==> flow/design.v <==
module word #(parameter N = 8) (
  input wire clk,
  input wire en,
  input wire [N-1:0] d,
  output reg [N-1:0] q
);
  always @(posedge clk)
    if (en) q <= d;
endmodule
module sync_mem_v2 #(
  parameter NUM_REGS = 64,
  parameter WIDTH = 8,
  parameter NR = 8,
  parameter AWIDTH = $clog2(NUM_REGS)
) (
  input  ck,
  input  rst_i,
  input  in_wr_en,
  input  [AWIDTH-1:0] in_waddr,
  input  [WIDTH-1:0] in_write_data,
  input  [NR*AWIDTH-1:0] in_raddr,
  output [NR*WIDTH-1:0] out_dout
);
  reg wr_en_reg;
  reg [AWIDTH-1:0] waddr_reg;
  reg [WIDTH-1:0] write_data_reg;
  always @(posedge ck or posedge rst_i) begin
    if (rst_i) begin
      wr_en_reg <= 1'b0;
      waddr_reg <= 0;
      write_data_reg <= 0;
    end else begin
      wr_en_reg <= in_wr_en;
      waddr_reg <= in_waddr;
      write_data_reg <= in_write_data;
    end
  end
  wire [NUM_REGS*WIDTH-1:0] regs;
  genvar i;
  generate
    for (i = 0; i < NUM_REGS; i = i + 1) begin : each
      word #(.N(WIDTH)) i_sub (.clk(ck), .en(wr_en_reg && waddr_reg == i), .d(write_data_reg), .q(regs[i*WIDTH +: WIDTH]));
    end
  endgenerate
  reg [NR*AWIDTH-1:0] raddr_reg;
  always @(posedge ck or posedge rst_i) begin
    if (rst_i) begin
      raddr_reg <= 0;
    end else begin
      raddr_reg <= in_raddr;
    end
  end
  wire [NR*WIDTH-1:0] tmp;
  genvar j;
  generate
    for (j = 0; j < NR; j = j + 1) begin : gen
      assign tmp[j*WIDTH +: WIDTH] = regs[raddr_reg[j*AWIDTH +: AWIDTH]*WIDTH +: WIDTH];
    end
  endgenerate
  assign out_dout = tmp;
endmodule
# From RTL to reports: sync_mem_v2
# What the tools print for sync_mem_v2, step after step.
# Line numbers count from 1 in the design file above.
# Operators: Yosys type, input widths -> output width; for muxes data width and select width s.
# Library cell names are shortened.
# The mark n/a stands for no value.
# design
top	sync_mem_v2
clock	ck
cell_library	sky130hd
pvt_corner	tt_025C_1v80

# Elaborated design
# Yosys after proc, flatten, opt, wreduce and memory -nomap, before mapping. Enables and synchronous resets that opt folds into registers are not counted as muxes. Memory bits, and registers merged into a memory's read port (data or address), are not among the register bits. Print and check cells are not counted. Equal cells are merged and count once.
# op_classes
addsub	0
mul	0
div_mod_pow	0
compare	0
n_eq	63
shift	8
mux	0
logic	0
reduce_and_logical	65
# op_table
operator	n
$shiftx 512x10->8	8
$eq 6x6->1 const B	32
$eq 6x5->1 const B	16
$logic_and 1x1->1	64
$eq 6x4->1 const B	8
$eq 6x3->1 const B	4
$eq 6x2->1 const B	2
$eq 6x1->1 const B	1
$logic_not 6->1	1
# bits
ff_bits	575
latchBits	0
ramBits	0
rom_bits	0
clocked_rd_ports_x_width	0
mem_count	0
out_inout_bits	64

# Depth
# Depth = most cells in a row (Yosys ltp): at word level without a register or memory, in the mapped netlist without a sequential cell, where the memories' decode and read muxes count.
# depth
word_depth	2
ABC_AREA	0
depth_mapped	10
mapped_depth_nobuf	5

# Mapped cells and area
# Source: synth_stat.txt of the flow (Yosys; design flattened, memories mapped). It holds for the ABC_AREA given above (unset counts as 0); a run with the other value may have another netlist.
# Totals and module areas in this step are rounded.
# mapped
cell_count	3311
area_um2	51000
sequential_area_um2	17000
ff_cells	575
buf_cells	362
# by_type
cell	n	area_total_um2
mux4_2	981	2.21E+04
edfxtp_1	512	1.54E+04
mux2i_1	201	2011.93
dfrtp_1	63	1.58E+03
o22ai_1	129	807.024
nor2_1	172	645.619
buf_2	120	600.576
buf_4	71	533.011
mux2_2	45	506.736
nor2b_1	80	500.48
a22oi_1	60	450.432
nand2_1	113	424.157
clkbuf_1	109	409.142
nor3_1	72	360.346
nand3_1	71	355.341
buf_6	30	337.824
mux4_1	12	315.302
o21ai_0	59	295.283
# Other cell types: 43; their cells: 411.
# The figures by module come from a second, unflattened synthesis with its own total; it is not the netlist above.
# hier_totals
cells_unflattened	3142
area_unflattened_um2	51000
# Rows give one instance, submodules left out.
# by_module
module	n_inst	n_cells	area_um2	seq_area_um2
sync_mem_v2	1	2630	35000	1600
word #(N=8)	64	8	240	240

# Timing after synthesis
# Source: OpenSTA report_checks on the synthesized netlist (no wires, ideal clock, input and output delay 20% of the period each), path of least setup slack; recovery checks are left aside. Register names are those of the netlist, which keeps one name where synthesis merged equal registers.
# synth_path
kind	reg2out
start	reg raddr_reg[6]
end	out out_dout[8]
period_ns	3.09
t_first_pin_ns	0.000
arrival_ns	1.979
required_ns	2.472
slack_ns	0.493
path_delay_ns	1.979
path_stages	9
path_buffers	4
synth_period_reached_ns	2.597
# "path_delay_ns" is the arrival time less input delay plus setup time.
# A path that ends at an output port has no setup time.
# "path_stages" counts driving pins, that of a launching flip-flop among them; a cell with two outputs on the path counts twice.
# "synth_period_reached_ns" = period - worst setup slack (recovery checks aside). The figure is calculated, with input and output delays left at 20% of the set period.
# The rows between start and end are the longest chain of elaborated cells between them; the timing report does not say that the signal goes this way. Where chains are equally long, one stands for them.
# Each line given opens the expression or statement behind the cell; cells for indexed reads and writes are added by Yosys, which also makes memories of some case tables.
# synth_between
path_cell_list	dfrtp_1 buf_6 buf_12 buf_4 buf_4 nand3b_1 a211oi_1 o41a_1 o41ai_1
elab_chain_len	1
cells_between	1
cone_classes	shift (1)
# synth_lines
element	line	source
start: declaration	45	reg [NR*AWIDTH-1:0] raddr_reg;
start: assignment	48	raddr_reg <= 0;
start: assignment	50	raddr_reg <= in_raddr;
$shiftx 512x10->8	57	assign tmp[j*WIDTH +: WIDTH] = regs[raddr_reg[j*AWIDTH +: AWIDTH]*WIDTH +: WIDTH];
end: declaration	22	output [NR*WIDTH-1:0] out_dout

# Timing after layout
# Path of least setup slack in the final report of record 2 (OpenROAD, finished layout, wires in). Where an end is a register, its clock arrival counts in the times.
# layout_path
kind	reg2out
start	reg raddr_reg[10]
end	out out_dout[10]
period_ns	3.09
t_first_pin_ns	0.72
arrival_ns	3.74
required_ns	2.47
slack_ns	-1.27
path_stages	11
path_buffers	5
# The rows between start and end are the longest chain of elaborated cells between them; the timing report does not say that the signal goes this way. Where chains are equally long, one stands for them.
# layout_between
path_cell_list	dfrtp_2 buf_6 buf_4 nand2_1 buf_4 nor2_1 nor3_2 o211ai_1 buf_4 o41ai_4 buf_2
elab_chain_len	1
cells_between	1
cone_classes	shift (1)
# layout_lines
element	line	source
start: declaration	45	reg [NR*AWIDTH-1:0] raddr_reg;
start: assignment	48	raddr_reg <= 0;
start: assignment	50	raddr_reg <= in_raddr;
$shiftx 512x10->8	57	assign tmp[j*WIDTH +: WIDTH] = regs[raddr_reg[j*AWIDTH +: AWIDTH]*WIDTH +: WIDTH];
end: declaration	22	output [NR*WIDTH-1:0] out_dout

# Measured results for sync_mem_v2: 3 stored runs of the Yosys and OpenROAD flow on sky130hd. The settings differ; the order carries no meaning. The constraints put input and output delay at 20% of the set period each and load the outputs with 0.01 pF.
# "timing.achieved_period_ns" is the run's clock period less its worst setup slack. It is reckoned from that one timing run; input and output delays stay at 20% of the period that was set.
# "worst_path_ns" = time allowed to the worst setup path (clock period - input delay - output delay, where it has them) - its slack; a late launch clock adds to it, a late capture clock takes from it.
# By "power_w" is meant OpenSTA's value without simulated activity: inputs other than the clock are taken to toggle once in ten clock periods, and the tool carries that through the logic.
# The measured numbers are rounded.
# Settings: n/a = not set for that run.
# Results: n/a = not shown.
stored run	period_ns	CORE_UTILIZATION	PLACE_DENSITY_LB_ADDON	CELL_PAD_IN_SITES_GLOBAL_PLACEMENT	TNS_END_PERCENT	ABC_AREA	GPL_ROUTABILITY_DRIVEN	CTS_CLUSTER_SIZE	MIN_ROUTING_LAYER	CAP_MARGIN	CORE_MARGIN	SLEW_MARGIN	SETUP_SLACK_MARGIN	PLACE_DENSITY	CORE_ASPECT_RATIO	GPL_TIMING_DRIVEN	synthesis_area_um2	total_die_area_um2	final_stdcell_area_um2	finalUtil_pct	ws_setup_ns	fin_tns_ns	power_w	timing.achieved_period_ns	worst_path_ns	critical_path_kind
record 1	3.76	24	0.08	3	65	1	1	73	met2	20	2	20	n/a	n/a	n/a	n/a	n/a	n/a	n/a	n/a	n/a	n/a	n/a	n/a	n/a	n/a
record 2	3.09	40	n/a	n/a	n/a	n/a	n/a	n/a	n/a	20	2	20	n/a	n/a	n/a	n/a	51000	130000	75000	59	-1.3	-50	0.026	4.355	3.74	reg2out
record 3	2.43	26	n/a	3	n/a	n/a	0	62	n/a	5	8	10	0.67	0.71	0.55	1	51000	210000	78000	40	-1.6	-86	0.033	4.068	3.58	reg2out
# Record 1: incomplete, routing halted on GRT-0232
